==> flow/design.v <==
module selector_rtl #(
   parameter W = 4
) (
   input wire i_clk,
   input wire reset,
   input wire [W-1:0] d0,
   input wire [W-1:0] d1,
   input wire [W-1:0] d2,
   input wire [W-1:0] d3,
   input wire [W-1:0] d4,
   input wire [W-1:0] d5,
   input wire [W-1:0] d6,
   input wire [W-1:0] d7,
   input wire [2:0] pick,
   output wire [W-1:0] o
);
   reg [W-1:0] tmp;
   always @* begin
      if (pick == 0) tmp = d0;
      else if (pick == 1) tmp = d1;
      else if (pick == 2) tmp = d2;
      else if (pick == 3) tmp = d3;
      else if (pick == 4) tmp = d4;
      else if (pick == 5) tmp = d5;
      else if (pick == 6) tmp = d6;
      else tmp = d7;
   end
   reg [W-1:0] o_q;
   always @(posedge i_clk or posedge reset) begin
      if (reset) begin
         o_q <= 0;
      end else begin
         o_q <= tmp;
      end
   end
   assign o = o_q;
endmodule
# Step by step through the tools: selector_rtl
# Tool output for the design above, in the order of the flow.
# Line numbers count from 1 in the design file above.
# Operators: Yosys type, input widths -> output width; for muxes data width and select width s.
# Library cell names are shortened.
# The mark n/a stands for no value.
[design]
top = "selector_rtl"
clk_port = "i_clk"
lib = "sky130hd"
corner = "tt_025C_1v80"

# Word-level counts
# Counts by Yosys on the flattened word-level netlist (proc, flatten, opt, wreduce; memories kept). Register bits leave out memories and registers merged into their read ports (data or address); mux counts leave out enables and synchronous resets folded into registers. Print and check cells are left out. Cells with the same type and inputs are merged into one.
[bits]
latch_bits = 0
mem_bits_rw = 0
output_inout_bits = 4
register_bits = 4
in_bits = 37
elab_cells = 15
romBits = 0
clocked_rd_ports_x_width = 0
n_memories = 0
[op_classes]
muxes = 7
n_addsub = 0
n_mul = 0
logic = 0
compare = 0
reduce_and_logical = 1
shifts = 0
n_div = 0
eq_ne = 6
[op_table]
columns = ["operator", "count"]
rows = [
  ["$mux 4", 7],
  ["$eq 3x3->1 const B", 3],
  ["$eq 3x2->1 const B", 2],
  ["$eq 3x1->1 const B", 1],
  ["$logic_not 3->1", 1],
]

# Longest topological paths
# Yosys ltp: most cells in a row. Word level: on the elaborated netlist, between registers, memories and ports. Mapped: between sequential cells and ports; inverters and the memories' decode and read muxes count.
[depth]
ltp_word = 8
abc_area = 0
depth_mapped = 6
depth_no_buf = 4

# After synthesis
# Yosys stat after the flow's synthesis: flattened, memories mapped to cells. It holds for the ABC_AREA given above (unset counts as 0); a run with the other value may have another netlist.
# Totals and module areas in this step are rounded.
[mapped]
mapped_area_mm2 = 0.0004542
buffers = 3
ff_cells = 4
stdcells = 43
sequential_area_mm2 = 0.0001001
[by_type]
columns = ["cell_type", "count", "area_total_um2"]
rows = [
  ["dfrtp_1", 4, 100.096],
  ["mux4_1", 3, 78.826],
  ["mux4_2", 3, 67.565],
  ["nand2_1", 7, 26.275],
  ["buf_12", 1, 20.019],
  ["mux2i_1", 2, 20.019],
  ["o311ai_0", 2, 17.517],
  ["nand2b_1", 2, 12.512],
  ["buf_6", 1, 11.261],
  ["inv_1", 3, 11.261],
  ["a21oi_1", 2, 10.01],
  ["nor3_1", 2, 10.01],
  ["o21ai_0", 2, 10.01],
  ["a221oi_1", 1, 8.758],
  ["and2b_2", 1, 8.758],
  ["a211oi_1", 1, 7.507],
  ["nand3b_1", 1, 7.507],
  ["nor2_1", 2, 7.507],
]
# Other cell types: 3; their cells: 3.

# Timing after synthesis
# OpenSTA on the mapped netlist: ideal clock, no wires. The path of least setup slack (recovery checks aside). Input and output delay are each 20% of the period. Register names are those of the netlist, which keeps one name where synthesis merged equal registers.
[synth_path]
path_kind = "input-to-reg"
startpoint = "input pick[0]"
endpoint = "register o_q[2]"
input_delay_ns = 0.290
setup_ns = 0.117
setup_slack_ns = 0.231
path_delay_ns = 0.929
t_first_pin_ns = 0.290
path_buffers = 2
arrival_time_ns = 1.102
path_stages = 5
required_time_ns = 1.333
clock_period_ns = 1.45
period_less_setup_slack_ns = 1.219
# "path_delay_ns" = arrival - input delay + setup time.
# "path_stages" counts driving pins, that of a launching flip-flop among them; a cell with two outputs on the path counts twice.
# "period_less_setup_slack_ns" = period - worst setup slack (recovery checks aside). The figure is calculated, with input and output delays left at 20% of the set period.
# Between the ends stands the longest chain of elaborated cells between them, by number of cells; it is not shown to be the way that was timed. Of several equally long chains one is given.
# A line is the first line of the expression or statement that the cell stems from. Yosys adds cells for indexed reads and writes and turns some case tables into memories.
[synth_between]
cell_sequence = "buf_6 buf_12 mux4_2 nand2_1 nand2_1"
elab_chain_cells = 8
cone_cells = 14
cone_lines = 7
cone_classes = "6 x eq/ne; 7 x mux; 1 x reduce/logical"
[synth_rtl]
columns = ["item", "line", "source"]
rows = [
  ["start, declared", 14, "input wire [2:0] pick,"],
  ["$eq 3x3->1", 25, "else if (pick == 6) tmp = d6;"],
  ["$mux 4", 25, ""],
  ["$mux 4", 24, "else if (pick == 5) tmp = d5;"],
  ["$mux 4", 23, "else if (pick == 4) tmp = d4;"],
  ["$mux 4", 22, "else if (pick == 3) tmp = d3;"],
  ["$mux 4", 21, "else if (pick == 2) tmp = d2;"],
  ["$mux 4", 20, "else if (pick == 1) tmp = d1;"],
  ["$mux 4", 19, "if (pick == 0) tmp = d0;"],
  ["end, assigned", 31, "o_q <= 0;"],
  ["end, assigned", 33, "o_q <= tmp;"],
  ["end, declared", 28, "reg [W-1:0] o_q;"],
]

# Path in the finished layout
# From the final timing report of run 1: the path of least setup slack in the routed layout; clock arrival at registers is part of the times.
[layout_path]
path_kind = "reg-to-output"
startpoint = "register o_q[0]"
endpoint = "output o[0]"
clock_period_ns = 1.45
t_first_pin_ns = 0.25
arrival_time_ns = 1.13
required_time_ns = 1.16
path_buffers = 1
path_stages = 2
out_delay_ns = 0.29
setup_slack_ns = 0.03
[layout_between]
cell_sequence = "dfrtp_1 clkdlybuf4s50_1"
elab_chain_cells = 0
cone_cells = 0
cone_lines = 0
[layout_rtl]
columns = ["item", "line", "source"]
rows = [
  ["start, declared", 28, "reg [W-1:0] o_q;"],
  ["start, assigned", 31, "o_q <= 0;"],
  ["start, assigned", 33, "o_q <= tmp;"],
  ["end, declared", 15, "output wire [W-1:0] o"],
]

# Top module selector_rtl; platform sky130hd; tools Yosys and OpenROAD; 3 stored runs in no particular order. Input and output delays are each 20% of the period that was set; the output load is 0.01 pF.
# By "achieved_clock_period_ns" is meant the clock period of the run minus its worst setup slack. This is arithmetic on one report: input and output delays are still those of the set period (20% each).
# "worst_path_allowed_less_slack_ns": the worst setup path's part of the clock period (all of it between registers, 20% less for each end at a port) less its slack. A launch clock that arrives late makes it longer, a capture clock that arrives late makes it shorter.
# "design_power_mw" rests on the timing tool's default activity at the inputs, not on a simulated workload.
# The results are shown rounded.

[[run]]
name = "run 1"
[run.settings]
period_ns = 1.45
CAP_MARGIN = 20
CORE_MARGIN = 2
CORE_UTILIZATION = 40
SLEW_MARGIN = 20
[run.results]
layout_stdcell_area_mm2 = 0.0009722
final_die_area_mm2 = 0.001421
final_setup_tns_ns = 0.000
synth_area_mm2 = 0.0004542
achieved_clock_period_ns = 1.416
design_power_mw = 0.5544
setup_ws_ns = 0.034
worst_path_allowed_less_slack_ns = 1.13
worst_setup_path_type = "reg-to-output"
final_util_pct = 89.9

[[run]]
name = "run 2"
[run.settings]
period_ns = 1.34
CORE_UTILIZATION = 59
PLACE_DENSITY = 0.72
CORE_MARGIN = 10
CTS_CLUSTER_DIAMETER = 223
CAP_MARGIN = 20
SLEW_MARGIN = 40
[run.results]
outcome = "unfinished; error PDN-0185 in floorplanning"

[[run]]
name = "run 3"
[run.settings]
period_ns = 1.65
CORE_UTILIZATION = 61
PLACE_DENSITY_LB_ADDON = 0.01
CORE_ASPECT_RATIO = 1.21
CELL_PAD_IN_SITES_DETAIL_PLACEMENT = 0
ABC_AREA = 0
GPL_ROUTABILITY_DRIVEN = 1
CTS_CLUSTER_SIZE = 60
CTS_CLUSTER_DIAMETER = 332
CAP_MARGIN = 10
MIN_ROUTING_LAYER = "met2"
CORE_MARGIN = 2
SLEW_MARGIN = 20
[run.results]
outcome = "unfinished; error PDN-0185 in floorplanning"
